==> flow/design.v <==
module add_unit_fa (
   input wire a,
   input wire b,
   input wire ci,
   output wire s,
   output wire co
);
   wire p = a ^ b;
   assign s = p ^ ci;
   assign co = p ? ci : a;
endmodule
module add_unit #(
   parameter integer BITS = 8
) (
   input core_clk,
   input srst,
   input en,
   input [BITS-1:0] lhs,
   input [BITS-1:0] rhs,
   input cin,
   output reg [BITS-1:0] total,
   output reg cy
);
   reg [BITS-1:0] lhs_s;
   reg [BITS-1:0] rhs_s;
   reg cin_s;
   wire [BITS-1:0] nxt;
   wire [BITS:0] chain;
   assign chain[0] = cin_s;
   genvar i;
   generate
      for (i = 0; i < BITS; i = i + 1) begin : lane
         add_unit_fa i_sub (.a(lhs_s[i]), .b(rhs_s[i]), .ci(chain[i]), .s(nxt[i]), .co(chain[i+1]));
      end
   endgenerate
   always @(posedge core_clk or posedge srst) begin
      if (srst) begin
         lhs_s <= 0;
         rhs_s <= 0;
         cin_s <= 1'b0;
         total <= 0;
         cy <= 1'b0;
      end else if (en) begin
         lhs_s <= lhs;
         rhs_s <= rhs;
         cin_s <= cin;
         total <= nxt;
         cy <= chain[BITS];
      end
   end
endmodule
# Tool chain data of add_unit
# The steps from the RTL of add_unit to its reports follow in flow order.
# Line numbers count from 1 in the design file above.
# Operators: Yosys type, input widths -> output width; for muxes data width and select width s.
# A cell with - has no value.
[setup] design="add_unit" clock_port="core_clk" lib="sky130hd" corner="tt_025C_1v80"

# Elaborated design
# Counts by Yosys on the flattened word-level netlist (proc, flatten, opt, wreduce; memories kept). Register bits leave out memories and registers merged into their read ports (data or address); mux counts leave out enables and synchronous resets folded into registers. Print and check cells are left out. Cells with the same type and inputs are merged into one.
[bits] ff_bits=26 in_bits=20 out_inout_bits=9 elab_cells=29
[classes] n_mux=8 bitwise=16
[ops] operator="$xor 1x1->1" count=16
[ops] operator="$mux 1" count=8

# Logic depth
# Yosys ltp: most cells in a row. Word level: on the elaborated netlist, between registers, memories and ports. Mapped: between sequential cells and ports; inverters and the memories' decode and read muxes count.
[depth] word_depth=9 ABC_AREA=0 depth_mapped=6 mapped_depth_nobuf=5

# Mapped cells and area
# The flow's flattened synthesis, as Yosys stat reports it; memories are mapped. The netlist is that of the ABC_AREA named above (0 if unset); the other value can give another one.
[types] cell="sky130_fd_sc_hd__dfrtp_1" count=26
[types] cell="sky130_fd_sc_hd__mux2_2" count=19
[types] cell="sky130_fd_sc_hd__xnor2_1" count=9
[types] cell="sky130_fd_sc_hd__nor2_1" count=10
[types] cell="sky130_fd_sc_hd__o21a_1" count=5
[types] cell="sky130_fd_sc_hd__xor2_1" count=4
[types] cell="sky130_fd_sc_hd__nand2_1" count=8
[types] cell="sky130_fd_sc_hd__o211ai_1" count=4
[types] cell="sky130_fd_sc_hd__a2111o_1" count=2
[types] cell="sky130_fd_sc_hd__clkbuf_1" count=6
[types] cell="sky130_fd_sc_hd__a21oi_1" count=4
[types] cell="sky130_fd_sc_hd__inv_1" count=5
[types] cell="sky130_fd_sc_hd__o22ai_1" count=3
[types] cell="sky130_fd_sc_hd__o311ai_1" count=2
[types] cell="sky130_fd_sc_hd__nand3_1" count=3
[types] cell="sky130_fd_sc_hd__nor3_1" count=3
[types] cell="sky130_fd_sc_hd__o21ai_0" count=3
[types] cell="sky130_fd_sc_hd__a31oi_1" count=2
# Other cell types: 13; their cells: 17.
[mapped] stdcells=135 yosys_area_um2=1422.6 sequential_area_um2=650.6 ff_cells=26
# By module: a second synthesis without flattening, with its own total; a netlist apart from the flattened one above.
[unflattened] hier_cells=72 area_unflattened_um2=1343.8
# Each row is one instance without its submodules.
[by_module] mod="add_unit" instances=1 n_cells=56 mod_area_um2=1073.5 mod_seq_area_um2=650.6
[by_module] mod="add_unit_fa" instances=8 n_cells=2 mod_area_um2=33.8 mod_seq_area_um2=0.0

# Timing after synthesis
# OpenSTA on the mapped netlist: ideal clock, no wires. The path of least setup slack (recovery checks aside). Input and output delay are each 20% of the period. Register names are those of the netlist, which keeps one name where synthesis merged equal registers.
[synth_path] path_type="flip-flop to flip-flop" from="reg rhs_s[0]" to="reg total[3]" period_ps=2140 setup_time_ps=125 t_arrival_ps=1584 t_required_ps=2015 setup_slack_ps=431 path_delay_ps=1709 driving_pins=7 period_less_setup_slack_ps=1709
# "path_delay_ps" is the arrival time less input delay plus setup time.
# "driving_pins": output pins that drive a net of the path, with the launching flip-flop's if there is one; two outputs of one cell count as two.
# "period_less_setup_slack_ps" = period - worst setup slack (recovery checks aside). The figure is calculated, with input and output delays left at 20% of the set period.
# The rows between start and end are the longest chain of elaborated cells between them; the timing report does not say that the signal goes this way. Where chains are equally long, one stands for them.
# A line is the first line of the expression or statement that the cell stems from. Yosys adds cells for indexed reads and writes and turns some case tables into memories.
[synth_via] cell_sequence="sky130_fd_sc_hd__dfrtp_1 sky130_fd_sc_hd__maj3_2 sky130_fd_sc_hd__o21a_1 sky130_fd_sc_hd__o21a_1 sky130_fd_sc_hd__buf_6 sky130_fd_sc_hd__xnor2_1 sky130_fd_sc_hd__mux2_2" elab_chain_cells=5
[synth_rtl] item="start, declared" line=25 rtl="reg [BITS-1:0] rhs_s;"
[synth_rtl] item="start, assigned" line=39 rtl="rhs_s <= 0;"
[synth_rtl] item="start, assigned" line=45 rtl="rhs_s <= rhs;"
[synth_rtl] item="$xor 1x1->1" line=8 rtl="wire p = a ^ b;"
[synth_rtl] item="$mux 1 x3" line=10 rtl="assign co = p ? ci : a;"
[synth_rtl] item="$xor 1x1->1" line=9 rtl="assign s = p ^ ci;"
[synth_rtl] item="end, assigned" line=41 rtl="total <= 0;"
[synth_rtl] item="end, assigned" line=47 rtl="total <= nxt;"
[synth_rtl] item="end, declared" line=21 rtl="output reg [BITS-1:0] total,"

# Path in the finished layout
# Path of least setup slack in the final report of flow run A (OpenROAD, finished layout, wires in). Where an end is a register, its clock arrival counts in the times.
# The path's times are printed in steps of 10 ps; the period is the one set.
[layout_path] path_type="flip-flop to flip-flop" from="reg rhs_s[0]" to="reg total[3]" period_ps=2950 setup_time_ps=110 t_arrival_ps=1960 t_required_ps=3100 setup_slack_ps=1150 driving_pins=6
# The rows between start and end are the longest chain of elaborated cells between them; the timing report does not say that the signal goes this way. Where chains are equally long, one stands for them.
[layout_via] cell_sequence="sky130_fd_sc_hd__dfrtp_1 sky130_fd_sc_hd__maj3_2 sky130_fd_sc_hd__o21a_1 sky130_fd_sc_hd__o21a_1 sky130_fd_sc_hd__xnor2_1 sky130_fd_sc_hd__mux2_2" elab_chain_cells=5
[layout_rtl] item="start, declared" line=25 rtl="reg [BITS-1:0] rhs_s;"
[layout_rtl] item="start, assigned" line=39 rtl="rhs_s <= 0;"
[layout_rtl] item="start, assigned" line=45 rtl="rhs_s <= rhs;"
[layout_rtl] item="$xor 1x1->1" line=8 rtl="wire p = a ^ b;"
[layout_rtl] item="$mux 1 x3" line=10 rtl="assign co = p ? ci : a;"
[layout_rtl] item="$xor 1x1->1" line=9 rtl="assign s = p ^ ci;"
[layout_rtl] item="end, assigned" line=41 rtl="total <= 0;"
[layout_rtl] item="end, assigned" line=47 rtl="total <= nxt;"
[layout_rtl] item="end, declared" line=21 rtl="output reg [BITS-1:0] total,"

# Stored flow runs of add_unit (3 of them; Yosys, OpenROAD, sky130hd). They differ in their settings and are not a sequence. Constraints: input delay and output delay 20% of the set period each, output load 0.01 pF.
# By "achieved_clock_period_ps" is meant the clock period of the run minus its worst setup slack. This is arithmetic on one report: input and output delays are still those of the set period (20% each).
# "worst_path_allowed_less_slack_ps": the worst setup path's part of the clock period (all of it between registers, 20% less for each end at a port) less its slack. A launch clock that arrives late makes it longer, a capture clock that arrives late makes it shorter.
# "power_total_mw" rests on the timing tool's default activity at the inputs, not on a simulated workload.
# "worst_path_allowed_less_slack_ps" is known to 10 ps.
run="flow run A" settings period_ns=2.95 CORE_UTILIZATION=29 SETUP_SLACK_MARGIN=0.65 CORE_MARGIN=5 GPL_ROUTABILITY_DRIVEN=1 CTS_CLUSTER_SIZE=36 MIN_ROUTING_LAYER="met1" MAX_ROUTING_LAYER="met5" CAP_MARGIN=20 SLEW_MARGIN=20
run="flow run A" results die_area_um2=6406.4 worst_path_allowed_less_slack_ps=1800 critical_path_type="flip-flop to flip-flop" worstSetupSlack_ps=1146 tns_setup_ps=0 power_total_mw=1.009 finalCellArea_um2=1809.2 finish.utilization_pct=38.1 ys_area_um2=1422.6 achieved_clock_period_ps=1804
run="flow run B" settings period_ns=2.14 CAP_MARGIN=20 CORE_MARGIN=2 CORE_UTILIZATION=40 SLEW_MARGIN=20
run="flow run B" results achieved_clock_period_ps=1816 die_area_um2=4049.4 finalCellArea_um2=1764.2 worstSetupSlack_ps=324 finish.utilization_pct=52.5 worst_path_allowed_less_slack_ps=1820 critical_path_type="flip-flop to flip-flop" power_total_mw=1.331 tns_setup_ps=0 ys_area_um2=1422.6
run="flow run C" settings period_ns=1.78 CORE_UTILIZATION=16 PLACE_DENSITY=0.51 CORE_ASPECT_RATIO=1.71 CELL_PAD_IN_SITES_GLOBAL_PLACEMENT=1 TNS_END_PERCENT=60 ABC_AREA=0 GPL_ROUTABILITY_DRIVEN=0 CTS_CLUSTER_SIZE=44 CTS_CLUSTER_DIAMETER=375 CAP_MARGIN=20 CORE_MARGIN=2 SLEW_MARGIN=20
run="flow run C" results die_area_um2=9689.2 achieved_clock_period_ps=1712 tns_setup_ps=0 worstSetupSlack_ps=68 finalCellArea_um2=2005.7 ys_area_um2=1422.6 power_total_mw=1.929 finish.utilization_pct=22.8 worst_path_allowed_less_slack_ps=1710 critical_path_type="flip-flop to flip-flop"
